==> flow/design.v <==
module sync_sel_unit_stage #(
  parameter DATA_W = 12,
  parameter N = 4,
  parameter SW = $clog2(N)
) (
  input wire ck,
  input wire rst,
  input wire [N*DATA_W-1:0] in_src,
  input wire [SW-1:0] in_select,
  output wire [DATA_W-1:0] out_y
);
  reg [N*DATA_W-1:0] src_d1;
  reg [SW-1:0] select_d1;
  always @(posedge ck) begin
    if (rst) begin
      src_d1 <= 0;
      select_d1 <= 0;
    end else begin
      src_d1 <= in_src;
      select_d1 <= in_select;
    end
  end
  localparam LO_W = N / 2;
  reg [DATA_W-1:0] lsb_d1;
  reg [DATA_W-1:0] high_d1;
  reg select_d1_d;
  reg [DATA_W-1:0] y_d1;
  always @(posedge ck) begin
    if (rst) begin
      lsb_d1 <= 0;
      high_d1 <= 0;
      select_d1_d <= 1'b0;
      y_d1 <= 0;
    end else begin
      lsb_d1 <= src_d1[select_d1[SW-2:0]*DATA_W +: DATA_W];
      high_d1 <= src_d1[(LO_W + select_d1[SW-2:0])*DATA_W +: DATA_W];
      select_d1_d <= select_d1[SW-1];
      y_d1 <= select_d1_d ? high_d1 : lsb_d1;
    end
  end
  assign out_y = y_d1;
endmodule
# Tool chain data of sync_sel_unit_stage

Tool output for the design above, in the order of the flow.
Line numbers count from 1 in the design file above.
Library cell names are shortened.
Not given: -

Top: sync_sel_unit_stage
Clock input: ck
Library: sky130hd
Library corner: tt_025C_1v80

# Word level

Yosys after proc, flatten, opt, wreduce and memory -nomap, before mapping. Enables and synchronous resets that opt folds into registers are not counted as muxes. Memory bits, and registers merged into a memory's read port (data or address), are not among the register bits. Print and check cells are not counted. Equal cells are merged and count once.

Register bits: 87
Bits of input ports: 52
Output and inout port bits: 12
Word-level cells: 12

Add/sub/neg operators: 1
Multipliers: 2
Shift-type cells: 2
Muxes and demuxes: 1

Operators by type and width:

| kind                                                                | number |
| 48-bit by 6-bit indexed select with 12-bit output                   | 1 |
| 48-bit by 8-bit indexed select with 12-bit output                   | 1 |
| 12-bit two-way mux                                                  | 1 |
| 3-bit by 2-bit multiplier with 5-bit output (second input constant) | 1 |
| 1-bit by 2-bit multiplier with 3-bit output (second input constant) | 1 |
| 2-bit by 1-bit adder with 3-bit output (first input constant)       | 1 |

# Logic depth

Depth = most cells in a row (Yosys ltp): at word level without a register or memory, in the mapped netlist without a sequential cell, where the memories' decode and read muxes count.

Depth in word-level cells: 3
ABC_AREA: 0
Gate-level depth with buffers: 4
Gate-level depth less buffers: 2

# Mapped cells and area

The flow's flattened synthesis, as Yosys stat reports it; memories are mapped. The netlist is that of the ABC_AREA named above (0 if unset); the other value can give another one.
Totals and module areas in this step are rounded.

Standard cells after synthesis: 223
Cell area after synthesis: 2,671 um^2
Area of sequential cells: 1,742 um^2
Mapped flip-flops: 87
Buffer cells: 13

Cell types:

| cell type | number | total area (um^2) |
| dfxtp_1   | 87     | 1,741.67 |
| mux2i_1   | 36     | 360.346 |
| nor2b_1   | 51     | 319.056 |
| nor2_1    | 35     | 131.376 |
| buf_12    | 2      | 40.038 |
| buf_2     | 7      | 35.034 |
| buf_6     | 2      | 22.522 |
| buf_4     | 2      | 15.014 |
| nor2_2    | 1      | 6.256 |

# Path before layout

Source: OpenSTA report_checks on the synthesized netlist (no wires, ideal clock, input and output delay 20% of the period each), path of least setup slack; recovery checks are left aside. Register names are those of the netlist, which keeps one name where synthesis merged equal registers.

Path kind: register to register
Start: reg select_d1_d
End: reg y_d1[5]
Period: 1.13 ns
Library setup time: 0.115 ns
Time at the first pin: 0.000 ns
Arrival: 0.787 ns
Data required time: 1.015 ns
Slack: 0.228 ns
Path delay: 0.902 ns
Stages: 4
Buffers on the path: 1
Synthesis period reached: 0.902 ns

"path delay" = arrival - input delay + setup time.
"stages": output pins that drive a net of the path, with the launching flip-flop's if there is one; two outputs of one cell count as two.
"synthesis period reached" is the clock period less the worst setup slack; recovery checks do not enter. This is arithmetic on one report: input and output delays are still those of the set period (20% each).
The rows between start and end are the longest chain of elaborated cells between them; the timing report does not say that the signal goes this way. Where chains are equally long, one stands for them.
Each line given opens the expression or statement behind the cell; cells for indexed reads and writes are added by Yosys, which also makes memories of some case tables.

Cell sequence: dfxtp_1 > buf_6 > mux2i_1 > nor2_2
Length of the longest elaborated chain: 1
Elaborated cells between the ends (all ways): 1
Source lines of those cells: 1
Classes of those cells: 1 x mux

Ends and longest elaborated chain, after synthesis:

| what               | RTL line | text |
| start: declaration | 26       | `reg select_d1_d;` |
| start: assignment  | 32       | `select_d1_d <= 1'b0;` |
| start: assignment  | 37       | `select_d1_d <= select_d1[SW-1];` |
| 12-bit two-way mux | 38       | `y_d1 <= select_d1_d ? high_d1 : lsb_d1;` |
| end: assignment    | 33       | `y_d1 <= 0;` |
| end: assignment    | 38       |  |
| end: declaration   | 27       | `reg [DATA_W-1:0] y_d1;` |

# Worst path after layout

Path of least setup slack in the final report of run 1 (OpenROAD, finished layout, wires in). Where an end is a register, its clock arrival counts in the times.

Path kind: register to output
Start: reg y_d1[5]
End: out out_y[5]
Period: 1.13 ns
External output delay: 0.23 ns
Time at the first pin: 0.33 ns
Arrival: 0.87 ns
Data required time: 0.90 ns
Slack: 0.04 ns
Stages: 2
Buffers on the path: 1

Cell sequence: dfxtp_1 > clkdlybuf4s15_1
Length of the longest elaborated chain: 0
Elaborated cells between the ends (all ways): 0
Source lines of those cells: 0

Ends and longest elaborated chain, after layout:

| what               | RTL line | text |
| start: declaration | 27       | `reg [DATA_W-1:0] y_d1;` |
| start: assignment  | 33       | `y_d1 <= 0;` |
| start: assignment  | 38       | `y_d1 <= select_d1_d ? high_d1 : lsb_d1;` |
| end: declaration   | 10       | `output wire [DATA_W-1:0] out_y` |

# Flow runs of sync_sel_unit_stage

Stored flow runs of sync_sel_unit_stage (3 of them; Yosys, OpenROAD, sky130hd). They differ in their settings and are not a sequence. Constraints: input delay and output delay 20% of the set period each, output load 0.01 pF.
"period achieved" means the clock period less the worst setup slack. The figure is calculated, with input and output delays left at 20% of the set period.
"time of the worst setup path" = time allowed to the worst setup path (clock period - input delay - output delay, where it has them) - its slack; a late launch clock adds to it, a late capture clock takes from it.
"total power after layout": no workload was simulated; the value follows from the tool's default switching activity.
The measured numbers are rounded.
A setting shown as - is not set for that run.
Results: - = not shown.

| item                                          | run 1              | run 2 | run 3              |
| period_ns                                     | 1.13               | 0.816 | 1.28               |
| CAP_MARGIN                                    | 20                 | 20    | 20                 |
| CORE_MARGIN                                   | 2                  | 2     | 2                  |
| CORE_UTILIZATION                              | 40                 | 71    | 23                 |
| SLEW_MARGIN                                   | 20                 | 10    | 25                 |
| PLACE_DENSITY_LB_ADDON                        | -                  | 0.2   | 0.18               |
| CORE_ASPECT_RATIO                             | -                  | 0.52  | -                  |
| GPL_ROUTABILITY_DRIVEN                        | -                  | 0     | -                  |
| CTS_CLUSTER_SIZE                              | -                  | 92    | 79                 |
| CTS_CLUSTER_DIAMETER                          | -                  | 208   | 187                |
| MIN_ROUTING_LAYER                             | -                  | met1  | met2               |
| SETUP_SLACK_MARGIN                            | -                  | -     | -0.02              |
| TNS_END_PERCENT                               | -                  | -     | 65                 |
| ABC_AREA                                      | -                  | -     | 0                  |
| GPL_TIMING_DRIVEN                             | -                  | -     | 1                  |
| total power after layout (mW)                 | 5.870              | -     | 6.030              |
| Yosys chip area after synthesis (um^2)        | 2,671              | -     | 2,671              |
| final setup TNS (ns)                          | 0.000              | -     | 0.000              |
| standard-cell area of the final layout (um^2) | 3,528              | -     | 3,745              |
| time of the worst setup path (ns)             | 0.87               | -     | 0.90               |
| critical path kind                            | register to output | -     | register to output |
| worst setup slack after layout (ns)           | 0.038              | -     | 0.127              |
| area inside the die boundary (um^2)           | 7,348              | -     | 12,490             |
| utilization                                   | 0.549              | -     | 0.329              |
| post-route worst hold slack (ns)              | 0.333              | -     | 0.374              |
| period achieved (ns)                          | 1.092              | -     | 1.153              |

Run 2: stopped before the end: placement reported FLW-0024
